==> flow/design.v <==
module cmp_unit_mod #(
  parameter W = 40
) (
  input  wire core_clk,
  input  wire [W-1:0] u,
  input  wire [W-1:0] v,
  output wire gt,
  output wire lt
);
  reg [W-1:0] u_r;
  reg [W-1:0] v_r;
  reg g;
  reg l;
  integer t;
  always @* begin
    g = 1'b0;
    l = 1'b0;
    for (t = W-1; t >= 0; t = t - 1) begin
      if (!g && !l) begin
        g = u_r[t] & ~v_r[t];
        l = ~u_r[t] & v_r[t];
      end
    end
  end
  reg gt_r;
  assign gt = gt_r;
  reg lt_r;
  assign lt = lt_r;
  always @(posedge core_clk) begin
    u_r <= u;
    v_r <= v;
    gt_r <= g;
    lt_r <= l;
  end
endmodule
Step by step through the tools: cmp_unit_mod
Tool output for the design above, in the order of the flow.
Lines are those of the file above, counted from 1.
Operators: Yosys type, input widths -> output width; for muxes data width and select width s.
{ "setup": {"top": "cmp_unit_mod", "clk_port": "core_clk", "library": "sky130hd", "pvt_corner": "tt_025C_1v80"} }

Elaborated design
Source: Yosys, flattened and elaborated, memories not mapped. Widths are those after wreduce; folded enables and synchronous resets count as part of the registers. Registers that Yosys merges into a memory's read port (data or address) are not register bits. Print and check cells do not count. Equal cells are merged and count once.
{ "word_totals": {"ff_bits": 82, "out_inout_bits": 2, "input_bits": 81} }
{ "classes": {"muxes": 78, "logic": 160, "reduce_and_logical": 117} }
{ "ops": {"columns": ["cell", "count"], "rows": [
  ["$and 1x1->1", 80],
  ["$not 1->1", 80],
  ["$logic_not 1->1", 78],
  ["$mux 1", 78],
  ["$logic_and 1x1->1", 39]
]} }

Depth
Yosys ltp: most cells in a row. Word level: on the elaborated netlist, between registers, memories and ports. Mapped: between sequential cells and ports; inverters and the memories' decode and read muxes count.
{ "depth": {"word_depth": 119, "abc_area": 0, "ltp_mapped": 8} }

Mapped cells and area
The flow's flattened synthesis, as Yosys stat reports it; memories are mapped. The netlist is that of the ABC_AREA named above (0 if unset); the other value can give another one.
{ "synth_totals": {"n_buf": 0, "stdcells": 246, "mapped_area_um2": 2721.4, "ffs": 82, "sequential_area_um2": 1641.6} }
{ "by_type": {"columns": ["cell", "count", "type_area_um2"], "rows": [
  ["sky130_fd_sc_hd__dfxtp_1", 82, 1.64E+03],
  ["sky130_fd_sc_hd__maj3_1", 25, 250.24],
  ["sky130_fd_sc_hd__nand2b_1", 23, 143.888],
  ["sky130_fd_sc_hd__nor2b_1", 20, 125.12],
  ["sky130_fd_sc_hd__inv_1", 24, 90.086],
  ["sky130_fd_sc_hd__maj3_2", 7, 78.826],
  ["sky130_fd_sc_hd__o21ai_0", 9, 45.043],
  ["sky130_fd_sc_hd__nand2_1", 11, 41.29],
  ["sky130_fd_sc_hd__a21oi_1", 6, 30.029],
  ["sky130_fd_sc_hd__ha_1", 2, 25.024],
  ["sky130_fd_sc_hd__o21ai_1", 5, 25.024],
  ["sky130_fd_sc_hd__o21bai_1", 3, 22.522],
  ["sky130_fd_sc_hd__nand3_1", 4, 20.019],
  ["sky130_fd_sc_hd__o211a_1", 2, 20.019],
  ["sky130_fd_sc_hd__nor2_1", 4, 15.014],
  ["sky130_fd_sc_hd__o211ai_1", 2, 15.014],
  ["sky130_fd_sc_hd__o31ai_1", 2, 15.014],
  ["sky130_fd_sc_hd__a21boi_2", 1, 11.261]
]} }
Other cell types: 13; their cells: 14.

Timing after synthesis
Path of least setup slack by OpenSTA after synthesis, without wires, with an ideal clock, recovery checks aside; 20% of the period is set as input and as output delay. Where synthesis merged equal registers, the netlist keeps one of their names.
{ "synth_timing": {"kind": "register to register", "startpoint": "reg v_r[30]", "endpoint": "reg lt_r", "delay_ns": 2.106, "slack_ns": 0.524, "period_ns": 2.63, "path_stages": 9, "t_arrival_ns": 1.984, "setup_time_ns": 0.122, "synth_period_reached_ns": 2.106} }
"delay_ns" = arrival - input delay + setup time.
"path_stages": output pins that drive a net of the path, with the launching flip-flop's if there is one; two outputs of one cell count as two.
"synth_period_reached_ns" = period - worst setup slack (recovery checks aside). The figure is calculated, with input and output delays left at 20% of the set period.
Between the ends stands the longest chain of elaborated cells between them, by number of cells; it is not shown to be the way that was timed. Of several equally long chains one is given.
A line is the first line of the expression or statement that the cell stems from. Yosys adds cells for indexed reads and writes and turns some case tables into memories.
{ "synth_between": {"cell_sequence": "sky130_fd_sc_hd__dfxtp_1 -> sky130_fd_sc_hd__nor2b_1 -> sky130_fd_sc_hd__maj3_2 -> sky130_fd_sc_hd__maj3_2 -> sky130_fd_sc_hd__a21oi_2 -> sky130_fd_sc_hd__a21oi_1 -> sky130_fd_sc_hd__and4b_1 -> sky130_fd_sc_hd__a211o_1 -> sky130_fd_sc_hd__a221o_1", "elab_chain_len": 93, "cells_between": 154, "classes_between": "61 x mux; 3 x logic; 90 x reduce/logical"} }
{ "synth_lines": {"columns": ["item", "line_no", "text"], "rows": [
  ["from (decl)", 11, "reg [W-1:0] v_r;"],
  ["from (assign)", 31, "v_r <= v;"],
  ["$not 1->1", 20, "g = u_r[t] & ~v_r[t];"],
  ["$and 1x1->1", 20, null],
  ["$mux 1", 19, "if (!g && !l) begin"],
  ["$logic_not 1->1", 19, null],
  ["$logic_and 1x1->1", 19, null],
  ["$mux 1", 19, null],
  ["$logic_not 1->1", 19, null],
  ["[... 79 more ...]", null, null],
  ["$mux 1", 19, null],
  ["$logic_not 1->1", 19, null],
  ["$logic_and 1x1->1", 19, null],
  ["$mux 1", 19, null],
  ["$logic_not 1->1", 19, null],
  ["$logic_and 1x1->1", 19, null],
  ["$mux 1", 19, null],
  ["to (assign)", 33, "lt_r <= l;"],
  ["to (decl)", 27, "reg lt_r;"]
]} }

Path in the finished layout
Path of least setup slack in the final report of run 1 (OpenROAD, finished layout, wires in). Where an end is a register, its clock arrival counts in the times.
{ "layout_timing": {"kind": "register to register", "startpoint": "reg v_r[22]", "endpoint": "reg lt_r", "period_ns": 2.63, "path_stages": 9, "slack_ns": 0.42, "t_arrival_ns": 2.44, "setup_time_ns": 0.11} }
Between the ends stands the longest chain of elaborated cells between them, by number of cells; it is not shown to be the way that was timed. Of several equally long chains one is given.
{ "layout_between": {"cell_sequence": "sky130_fd_sc_hd__dfxtp_1 -> sky130_fd_sc_hd__nor2b_1 -> sky130_fd_sc_hd__maj3_1 -> sky130_fd_sc_hd__o21ai_1 -> sky130_fd_sc_hd__nand2_1 -> sky130_fd_sc_hd__nor3_1 -> sky130_fd_sc_hd__and4b_1 -> sky130_fd_sc_hd__a211o_1 -> sky130_fd_sc_hd__a221o_1", "elab_chain_len": 69, "cells_between": 114, "classes_between": "45 x mux; 3 x logic; 66 x reduce/logical"} }
{ "layout_lines": {"columns": ["item", "line_no", "text"], "rows": [
  ["from (decl)", 11, "reg [W-1:0] v_r;"],
  ["from (assign)", 31, "v_r <= v;"],
  ["$not 1->1", 20, "g = u_r[t] & ~v_r[t];"],
  ["$and 1x1->1", 20, null],
  ["$mux 1", 19, "if (!g && !l) begin"],
  ["$logic_not 1->1", 19, null],
  ["$logic_and 1x1->1", 19, null],
  ["$mux 1", 19, null],
  ["$logic_not 1->1", 19, null],
  ["[... 55 more ...]", null, null],
  ["$mux 1", 19, null],
  ["$logic_not 1->1", 19, null],
  ["$logic_and 1x1->1", 19, null],
  ["$mux 1", 19, null],
  ["$logic_not 1->1", 19, null],
  ["$logic_and 1x1->1", 19, null],
  ["$mux 1", 19, null],
  ["to (assign)", 33, "lt_r <= l;"],
  ["to (decl)", 27, "reg lt_r;"]
]} }

Flow measurements of cmp_unit_mod on sky130hd: 3 stored runs with different settings, listed in no order. Input and output delays are each 20% of the period that was set; the output load is 0.01 pF.
"worst setup path time (ns)" means the part of the period allowed to the worst setup path (the constraints hold back 20% at inputs and 20% at outputs) less its slack; where the path has registers, the arrival times of their clocks count too.

settings of run 1
{
  "period_ns": 2.63,
  "CAP_MARGIN": 20,
  "CORE_MARGIN": 2,
  "CORE_UTILIZATION": 40,
  "SLEW_MARGIN": 20
}
report of run 1
yosys chip area after synthesis (um^2): 2721.4
finish__design__die__area: 7478.8
finish__design__instance__area__stdcell: 3801.2
finish__design__instance__utilization: 0.5689
finish__timing__setup__ws: 0.417
finish__timing__setup__tns: 0.000
worst setup path time (ns): 2.21
worst setup path kind: register to register

settings of run 2
{
  "period_ns": 3.15,
  "CORE_UTILIZATION": 67,
  "PLACE_DENSITY_LB_ADDON": 0.06,
  "TNS_END_PERCENT": 90,
  "ABC_AREA": 0,
  "CTS_CLUSTER_DIAMETER": 308,
  "MIN_ROUTING_LAYER": "met1",
  "MAX_ROUTING_LAYER": "met5",
  "CAP_MARGIN": 20,
  "CORE_MARGIN": 2,
  "SLEW_MARGIN": 20
}
report of run 2
yosys chip area after synthesis (um^2): 2721.4
finish__design__die__area: 4587.4
finish__design__instance__area__stdcell: 3859.9
finish__design__instance__utilization: 0.9791
finish__timing__setup__ws: 0.281
finish__timing__setup__tns: 0.000
worst setup path time (ns): 2.87
worst setup path kind: register to register

settings of run 3
{
  "period_ns": 1.36,
  "CORE_UTILIZATION": 18,
  "SETUP_SLACK_MARGIN": 0.01,
  "PLACE_DENSITY": 0.71,
  "CELL_PAD_IN_SITES_DETAIL_PLACEMENT": 1,
  "TNS_END_PERCENT": 60,
  "ABC_AREA": 1,
  "GPL_ROUTABILITY_DRIVEN": 0,
  "CTS_CLUSTER_SIZE": 53,
  "CTS_CLUSTER_DIAMETER": 104,
  "SLEW_MARGIN": 30,
  "MIN_ROUTING_LAYER": "met1",
  "CAP_MARGIN": 20,
  "CORE_MARGIN": 2
}
report of run 3
yosys chip area after synthesis (um^2): 3231.8
finish__design__die__area: 19042.6
finish__design__instance__area__stdcell: 5427.7
finish__design__instance__utilization: 0.3116
finish__timing__setup__ws: -4.190
finish__timing__setup__tns: -8.369
worst setup path time (ns): 5.55
worst setup path kind: register to register
